==> flow/design.v <==
module sync_registers_n #(
    parameter WORDS = 4,
    parameter W = 8,
    parameter AW = $clog2(WORDS)
) (
    input wire clock,
    input wire rst_n,
    input wire in_write,
    input wire [AW-1:0] in_wr_addr,
    input wire [W-1:0] in_wd,
    input wire [AW-1:0] in_read_addr_a,
    input wire [AW-1:0] in_read_addr_b,
    output wire [W-1:0] out_dout_a,
    output wire [W-1:0] out_dout_b
);
    reg write_d1;
    reg [AW-1:0] wr_addr_d1;
    reg [W-1:0] wd_d1;
    always @(posedge clock or negedge rst_n) begin
        if (!rst_n) begin
            write_d1 <= 1'b0;
            wr_addr_d1 <= 0;
            wd_d1 <= 0;
        end else begin
            write_d1 <= in_write;
            wr_addr_d1 <= in_wr_addr;
            wd_d1 <= in_wd;
        end
    end
    reg [W-1:0] mem [WORDS-1:0];
    always @(posedge clock) begin
        if (write_d1)
            mem[wr_addr_d1] <= wd_d1;
    end
    reg [AW-1:0] read_addr_a_d1;
    reg [AW-1:0] read_addr_b_d1;
    always @(posedge clock or negedge rst_n) begin
        if (!rst_n) begin
            read_addr_a_d1 <= 0;
            read_addr_b_d1 <= 0;
        end else begin
            read_addr_a_d1 <= in_read_addr_a;
            read_addr_b_d1 <= in_read_addr_b;
        end
    end
    assign out_dout_a = mem[read_addr_a_d1];
    assign out_dout_b = mem[read_addr_b_d1];
endmodule
Wiki page: sync_registers_n / tool data

From RTL to reports: sync_registers_n
Module sync_registers_n in several versions that differ in "WORDS"; each step lists the members.
The file above is the member WORDS = 4. Line numbers count from 1 in each member's own file.
Library cell names are shortened.
{"block": "design", "top_module": "sync_registers_n", "clock_port": "clock", "cell_library": "sky130hd", "lib_corner": "tt_025C_1v80"}

Members of the sweep
Lines of each other member's file that are new or changed against the file above; lines that a member lacks are not shown.
{"block": "src_changes", "WORDS": 6, "line_no": 2, "rtl": "parameter WORDS = 6,"}
{"block": "src_changes", "WORDS": 10, "line_no": 2, "rtl": "parameter WORDS = 10,"}
{"block": "src_changes", "WORDS": 24, "line_no": 2, "rtl": "parameter WORDS = 24,"}
{"block": "src_changes", "WORDS": 32, "line_no": 2, "rtl": "parameter WORDS = 32,"}

Word level
Yosys after proc, flatten, opt, wreduce and memory -nomap, before mapping. Enables and synchronous resets that opt folds into registers are not counted as muxes. Memory bits, and registers merged into a memory's read port (data or address), are not among the register bits. Print and check cells are not counted. Equal cells are merged and count once.
Yosys's memory passes give these memory sizes; they may raise the number of words (mostly to a power of two), join words into wider ones and drop unused or constant bits.
{"block": "word_totals", "WORDS": 4, "input_bits": 17, "clocked_rd_ports_x_width": 0, "mem_bits_ro": 0, "wordCells": 9, "out_inout_bits": 16, "memories": 1, "regBits": 15, "mem_bits_rw": 32, "latchBits": 0}
{"block": "word_totals", "WORDS": 6, "input_bits": 20, "clocked_rd_ports_x_width": 0, "mem_bits_ro": 0, "wordCells": 9, "out_inout_bits": 16, "memories": 1, "regBits": 18, "mem_bits_rw": 48, "latchBits": 0}
{"block": "word_totals", "WORDS": 10, "input_bits": 23, "clocked_rd_ports_x_width": 0, "mem_bits_ro": 0, "wordCells": 9, "out_inout_bits": 16, "memories": 1, "regBits": 21, "mem_bits_rw": 80, "latchBits": 0}
{"block": "word_totals", "WORDS": 24, "input_bits": 26, "clocked_rd_ports_x_width": 0, "mem_bits_ro": 0, "wordCells": 9, "out_inout_bits": 16, "memories": 1, "regBits": 24, "mem_bits_rw": 192, "latchBits": 0}
{"block": "word_totals", "WORDS": 32, "input_bits": 26, "clocked_rd_ports_x_width": 0, "mem_bits_ro": 0, "wordCells": 9, "out_inout_bits": 16, "memories": 1, "regBits": 24, "mem_bits_rw": 256, "latchBits": 0}
{"block": "memory_table", "WORDS": 4, "mem_shapes": "mem 4 x 8 bit 2R1W"}
{"block": "memory_table", "WORDS": 6, "mem_shapes": "mem 6 x 8 bit 2R1W"}
{"block": "memory_table", "WORDS": 10, "mem_shapes": "mem 10 x 8 bit 2R1W"}
{"block": "memory_table", "WORDS": 24, "mem_shapes": "mem 24 x 8 bit 2R1W"}
{"block": "memory_table", "WORDS": 32, "mem_shapes": "mem 32 x 8 bit 2R1W"}
{"block": "op_classes", "WORDS": 4, "n_mul": 0, "cmp": 0, "n_div": 0, "n_eq": 0, "n_addsub": 0, "reduce_logical": 0, "bitwise": 0, "mux": 3, "shifts": 0}
{"block": "op_classes", "WORDS": 6, "n_mul": 0, "cmp": 0, "n_div": 0, "n_eq": 0, "n_addsub": 0, "reduce_logical": 0, "bitwise": 0, "mux": 3, "shifts": 0}
{"block": "op_classes", "WORDS": 10, "n_mul": 0, "cmp": 0, "n_div": 0, "n_eq": 0, "n_addsub": 0, "reduce_logical": 0, "bitwise": 0, "mux": 3, "shifts": 0}
{"block": "op_classes", "WORDS": 24, "n_mul": 0, "cmp": 0, "n_div": 0, "n_eq": 0, "n_addsub": 0, "reduce_logical": 0, "bitwise": 0, "mux": 3, "shifts": 0}
{"block": "op_classes", "WORDS": 32, "n_mul": 0, "cmp": 0, "n_div": 0, "n_eq": 0, "n_addsub": 0, "reduce_logical": 0, "bitwise": 0, "mux": 3, "shifts": 0}
{"block": "op_table", "WORDS": 4, "operators": "8-bit 2-to-1 mux: 1; 2-bit 2-to-1 mux: 1; 1-bit 2-to-1 mux: 1"}
{"block": "op_table", "WORDS": 6, "operators": "8-bit 2-to-1 mux: 1; 3-bit 2-to-1 mux: 1; 1-bit 2-to-1 mux: 1"}
{"block": "op_table", "WORDS": 10, "operators": "8-bit 2-to-1 mux: 1; 4-bit 2-to-1 mux: 1; 1-bit 2-to-1 mux: 1"}
{"block": "op_table", "WORDS": 24, "operators": "8-bit 2-to-1 mux: 1; 5-bit 2-to-1 mux: 1; 1-bit 2-to-1 mux: 1"}
{"block": "op_table", "WORDS": 32, "operators": "8-bit 2-to-1 mux: 1; 5-bit 2-to-1 mux: 1; 1-bit 2-to-1 mux: 1"}

Depth
Longest topological path by Yosys (ltp), each cell counted once; first at word level (registers and memories cut), then after technology mapping (sequential cells cut; the memories' decode and read muxes count).
{"block": "logic_depth", "WORDS": 4, "ltp_word": 1, "ABC_AREA": 0, "mapped_depth": 2, "depth_no_buf": 1}
{"block": "logic_depth", "WORDS": 6, "ltp_word": 1, "ABC_AREA": 0, "mapped_depth": 4, "depth_no_buf": 2}
{"block": "logic_depth", "WORDS": 10, "ltp_word": 1, "ABC_AREA": 0, "mapped_depth": 5, "depth_no_buf": 3}
{"block": "logic_depth", "WORDS": 24, "ltp_word": 1, "ABC_AREA": 0, "mapped_depth": 7, "depth_no_buf": 4}
{"block": "logic_depth", "WORDS": 32, "ltp_word": 1, "ABC_AREA": 0, "mapped_depth": 5, "depth_no_buf": 3}

After synthesis
The flow's flattened synthesis, as Yosys stat reports it; memories are mapped. The netlist is that of the ABC_AREA named above (0 if unset); the other value can give another one.
Totals and module areas in this step are rounded.
{"block": "by_type", "WORDS": 4, "type_list": "edfxtp_1: 32; dfrtp_1: 15; mux4_2: 16; buf_6: 2; and3b_1: 2; clkbuf_2: 2; nor3b_1: 1; and3_1: 1"}
{"block": "by_type", "WORDS": 6, "type_list": "edfxtp_1: 48; dfrtp_1: 18; mux4_2: 16; mux2_2: 22; mux2_4: 6; mux2_1: 4; buf_6: 3; buf_12: 1; nand2b_1: 3; nor2_1: 4; nor3_1: 2; buf_1: 2; clkbuf_2: 1; clkbuf_1: 1; nand2_1: 1"}
{"block": "by_type", "WORDS": 10, "type_list": "edfxtp_1: 80; mux2_2: 48; dfrtp_1: 21; mux2i_1: 32; a22o_1: 16; o31ai_1: 14; o22ai_1: 16; buf_12: 4; nand2_1: 19; buf_6: 3; nor2_1: 9; buf_1: 7; nand2b_1: 4; o31ai_2: 2; buf_4: 2; nand3b_1: 2; nor3_1: 3; clkbuf_8: 1; (+4)"}
{"block": "by_type", "WORDS": 24, "type_list": "edfxtp_1: 192; mux4_2: 49; mux2i_1: 80; dfrtp_1: 24; mux4_1: 15; a2bb2oi_1: 16; o311ai_1: 16; a22oi_1: 16; o211ai_1: 16; buf_6: 10; nor2_1: 25; buf_2: 16; nand3_1: 16; nand2_1: 17; clkbuf_1: 9; nor2b_1: 5; nand3b_1: 4; or3b_2: 3; (+12)"}
{"block": "by_type", "WORDS": 32, "type_list": "edfxtp_1: 256; mux4_2: 160; dfrtp_1: 24; mux2_2: 16; nor2_1: 33; buf_4: 12; buf_1: 16; nand3b_1: 5; clkbuf_1: 7; or3b_2: 3; buf_6: 2; buf_2: 2; nand3_1: 2; or3_1: 1; nand2_1: 1"}
A list marked (+n) leaves out that many cells.
{"block": "synth_totals", "WORDS": 4, "buffers": 4, "stdcells": 71, "seqArea_mm2": 0.00134, "ff_cells": 47, "mapped_area_mm2": 0.00176}
{"block": "synth_totals", "WORDS": 6, "buffers": 8, "stdcells": 132, "seqArea_mm2": 0.00189, "ff_cells": 66, "mapped_area_mm2": 0.00275}
{"block": "synth_totals", "WORDS": 10, "buffers": 18, "stdcells": 287, "seqArea_mm2": 0.00293, "ff_cells": 101, "mapped_area_mm2": 0.00451}
{"block": "synth_totals", "WORDS": 24, "buffers": 42, "stdcells": 541, "seqArea_mm2": 0.00637, "ff_cells": 216, "mapped_area_mm2": 0.00983}
{"block": "synth_totals", "WORDS": 32, "buffers": 39, "stdcells": 540, "seqArea_mm2": 0.00829, "ff_cells": 280, "mapped_area_mm2": 0.0125}

Worst setup path after synthesis
Path of least setup slack by OpenSTA after synthesis, without wires, with an ideal clock, recovery checks aside; 20% of the period is set as input and as output delay. Where synthesis merged equal registers, the netlist keeps one of their names.
{"block": "synth_timing", "WORDS": 4, "path_type": "flip-flop to flip-flop", "startpoint": "reg wr_addr_d1[1]", "endpoint": "mem mem[0][0]", "stages": 2, "path_slack_ps": 359, "path_delay_ps": 1450, "clock_period_ps": 1810, "period_less_setup_slack_ps": 1451}
{"block": "synth_timing", "WORDS": 6, "path_type": "flip-flop to output port", "startpoint": "reg read_addr_b_d1[1]", "endpoint": "out out_dout_b[5]", "stages": 5, "path_slack_ps": 348, "path_delay_ps": 1396, "clock_period_ps": 2180, "period_less_setup_slack_ps": 1832}
{"block": "synth_timing", "WORDS": 10, "path_type": "flip-flop to flip-flop", "startpoint": "reg wr_addr_d1[2]", "endpoint": "mem mem[0][0]", "stages": 3, "path_slack_ps": 463, "path_delay_ps": 1857, "clock_period_ps": 2320, "period_less_setup_slack_ps": 1857}
{"block": "synth_timing", "WORDS": 24, "path_type": "flip-flop to output port", "startpoint": "reg read_addr_b_d1[0]", "endpoint": "out out_dout_b[0]", "stages": 6, "path_slack_ps": 362, "path_delay_ps": 1462, "clock_period_ps": 2280, "period_less_setup_slack_ps": 1918}
{"block": "synth_timing", "WORDS": 32, "path_type": "flip-flop to output port", "startpoint": "reg read_addr_b_d1[1]", "endpoint": "out out_dout_b[0]", "stages": 6, "path_slack_ps": 507, "path_delay_ps": 2029, "clock_period_ps": 3170, "period_less_setup_slack_ps": 2663}
"path_delay_ps" = arrival - input delay + setup time.
At an output port there is no setup time.
"stages" counts driving pins, that of a launching flip-flop among them; a cell with two outputs on the path counts twice.
"period_less_setup_slack_ps" = period - worst setup slack (recovery checks aside). The figure is calculated, with input and output delays left at 20% of the set period.
Between the ends stands the longest chain of elaborated cells between them, by number of cells; it is not shown to be the way that was timed. Of several equally long chains one is given.
Each line given opens the expression or statement behind the cell; cells for indexed reads and writes are added by Yosys, which also makes memories of some case tables.
A memory read counts as a cell of the chain, while the word-level depth stops at memories.
{"block": "synth_between_WORDS_4", "elab_chain_cells": 1}
{"block": "synth_lines_WORDS_4", "item": "from (decl)", "line_no": 17, "rtl": "reg [AW-1:0] wr_addr_d1;"}
{"block": "synth_lines_WORDS_4", "item": "from (assign)", "line_no": 22, "rtl": "wr_addr_d1 <= 0;"}
{"block": "synth_lines_WORDS_4", "item": "from (assign)", "line_no": 26, "rtl": "wr_addr_d1 <= in_wr_addr;"}
{"block": "synth_lines_WORDS_4", "item": "2-bit 2-to-1 mux", "line_no": 32, "rtl": "if (write_d1)"}
{"block": "synth_lines_WORDS_4", "item": "to (decl)", "line_no": 30, "rtl": "reg [W-1:0] mem [WORDS-1:0];"}
{"block": "synth_between_WORDS_32", "elab_chain_cells": 1}
{"block": "synth_lines_WORDS_32", "item": "from (decl)", "line_no": 36, "rtl": "reg [AW-1:0] read_addr_b_d1;"}
{"block": "synth_lines_WORDS_32", "item": "from (assign)", "line_no": 40, "rtl": "read_addr_b_d1 <= 0;"}
{"block": "synth_lines_WORDS_32", "item": "from (assign)", "line_no": 43, "rtl": "read_addr_b_d1 <= in_read_addr_b;"}
{"block": "synth_lines_WORDS_32", "item": "memory read 32 x 8 bit", "line_no": 30, "rtl": "reg [W-1:0] mem [WORDS-1:0];"}
{"block": "synth_lines_WORDS_32", "item": "to (decl)", "line_no": 14, "rtl": "output wire [W-1:0] out_dout_b"}

Timing after layout
From the final timing report of the run of each member: the path of least setup slack in the routed layout; clock arrival at registers is part of the times.
The report prints the path's times to 10 ps; the period is as set.
{"block": "layout_timing", "WORDS": 4, "path_type": "flip-flop to output port", "startpoint": "reg read_addr_a_d1[0]", "endpoint": "out out_dout_a[2]", "stages": 4, "clock_period_ps": 1810, "path_buffers": 2, "path_slack_ps": -30, "t_arrival_ps": 1470}
{"block": "layout_timing", "WORDS": 6, "path_type": "flip-flop to output port", "startpoint": "reg read_addr_b_d1[1]", "endpoint": "out out_dout_b[2]", "stages": 5, "clock_period_ps": 2180, "path_buffers": 2, "path_slack_ps": -130, "t_arrival_ps": 1870}
{"block": "layout_timing", "WORDS": 10, "path_type": "flip-flop to output port", "startpoint": "reg read_addr_a_d1[0]", "endpoint": "out out_dout_a[3]", "stages": 6, "clock_period_ps": 2320, "path_buffers": 2, "path_slack_ps": 20, "t_arrival_ps": 1840}
{"block": "layout_timing", "WORDS": 24, "path_type": "flip-flop to output port", "startpoint": "reg read_addr_b_d1[0]", "endpoint": "out out_dout_b[3]", "stages": 7, "clock_period_ps": 2280, "path_buffers": 3, "path_slack_ps": -540, "t_arrival_ps": 2370}
{"block": "layout_timing", "WORDS": 32, "path_type": "flip-flop to output port", "startpoint": "reg read_addr_b_d1[0]", "endpoint": "out out_dout_b[5]", "stages": 8, "clock_period_ps": 3170, "path_buffers": 4, "path_slack_ps": -330, "t_arrival_ps": 2870}

Flow runs
Settings and results of one run of the flow (Yosys, OpenROAD) for each member follow. The constraints put input and output delay at 20% of the set period each and load the outputs with 0.01 pF.
{"block": "settings", "CAP_MARGIN": 20, "CORE_MARGIN": 2, "CORE_UTILIZATION": 40, "SLEW_MARGIN": 20}
{"block": "settings_diff", "WORDS": 4, "period_ns": 1.81}
{"block": "settings_diff", "WORDS": 6, "period_ns": 2.18}
{"block": "settings_diff", "WORDS": 10, "period_ns": 2.32}
{"block": "settings_diff", "WORDS": 24, "period_ns": 2.28}
{"block": "settings_diff", "WORDS": 32, "period_ns": 3.17}
{"block": "measured", "WORDS": 4, "die_mm2": 0.00495, "post_route_util_pct": 53.1, "fin_tns_ps": -187, "post_synth_area_mm2": 0.00176, "period_reached_ps": 1836, "post_route_stdcell_area_mm2": 0.00228, "worstSetupSlack_ps": -26, "totalPower_uw": 2050}
{"block": "measured", "WORDS": 6, "die_mm2": 0.00756, "post_route_util_pct": 54.1, "fin_tns_ps": -1530, "post_synth_area_mm2": 0.00275, "period_reached_ps": 2310, "post_route_stdcell_area_mm2": 0.00363, "worstSetupSlack_ps": -130, "totalPower_uw": 2570}
{"block": "measured", "WORDS": 10, "die_mm2": 0.0122, "post_route_util_pct": 52.4, "fin_tns_ps": 0, "post_synth_area_mm2": 0.00451, "period_reached_ps": 2304, "post_route_stdcell_area_mm2": 0.00573, "worstSetupSlack_ps": 16, "totalPower_uw": 3960}
{"block": "measured", "WORDS": 24, "die_mm2": 0.0258, "post_route_util_pct": 50.1, "fin_tns_ps": -8060, "post_synth_area_mm2": 0.00983, "period_reached_ps": 2824, "post_route_stdcell_area_mm2": 0.0122, "worstSetupSlack_ps": -544, "totalPower_uw": 8900}
{"block": "measured", "WORDS": 32, "die_mm2": 0.0327, "post_route_util_pct": 49.6, "fin_tns_ps": -4180, "post_synth_area_mm2": 0.0125, "period_reached_ps": 3505, "post_route_stdcell_area_mm2": 0.0152, "worstSetupSlack_ps": -335, "totalPower_uw": 8490}
By "period_reached_ps" is meant the clock period of the run minus its worst setup slack. This is arithmetic on one report: input and output delays are still those of the set period (20% each).
By "totalPower_uw" is meant OpenSTA's value without simulated activity: inputs other than the clock are taken to toggle once in ten clock periods, and the tool carries that through the logic.
The results are shown rounded.
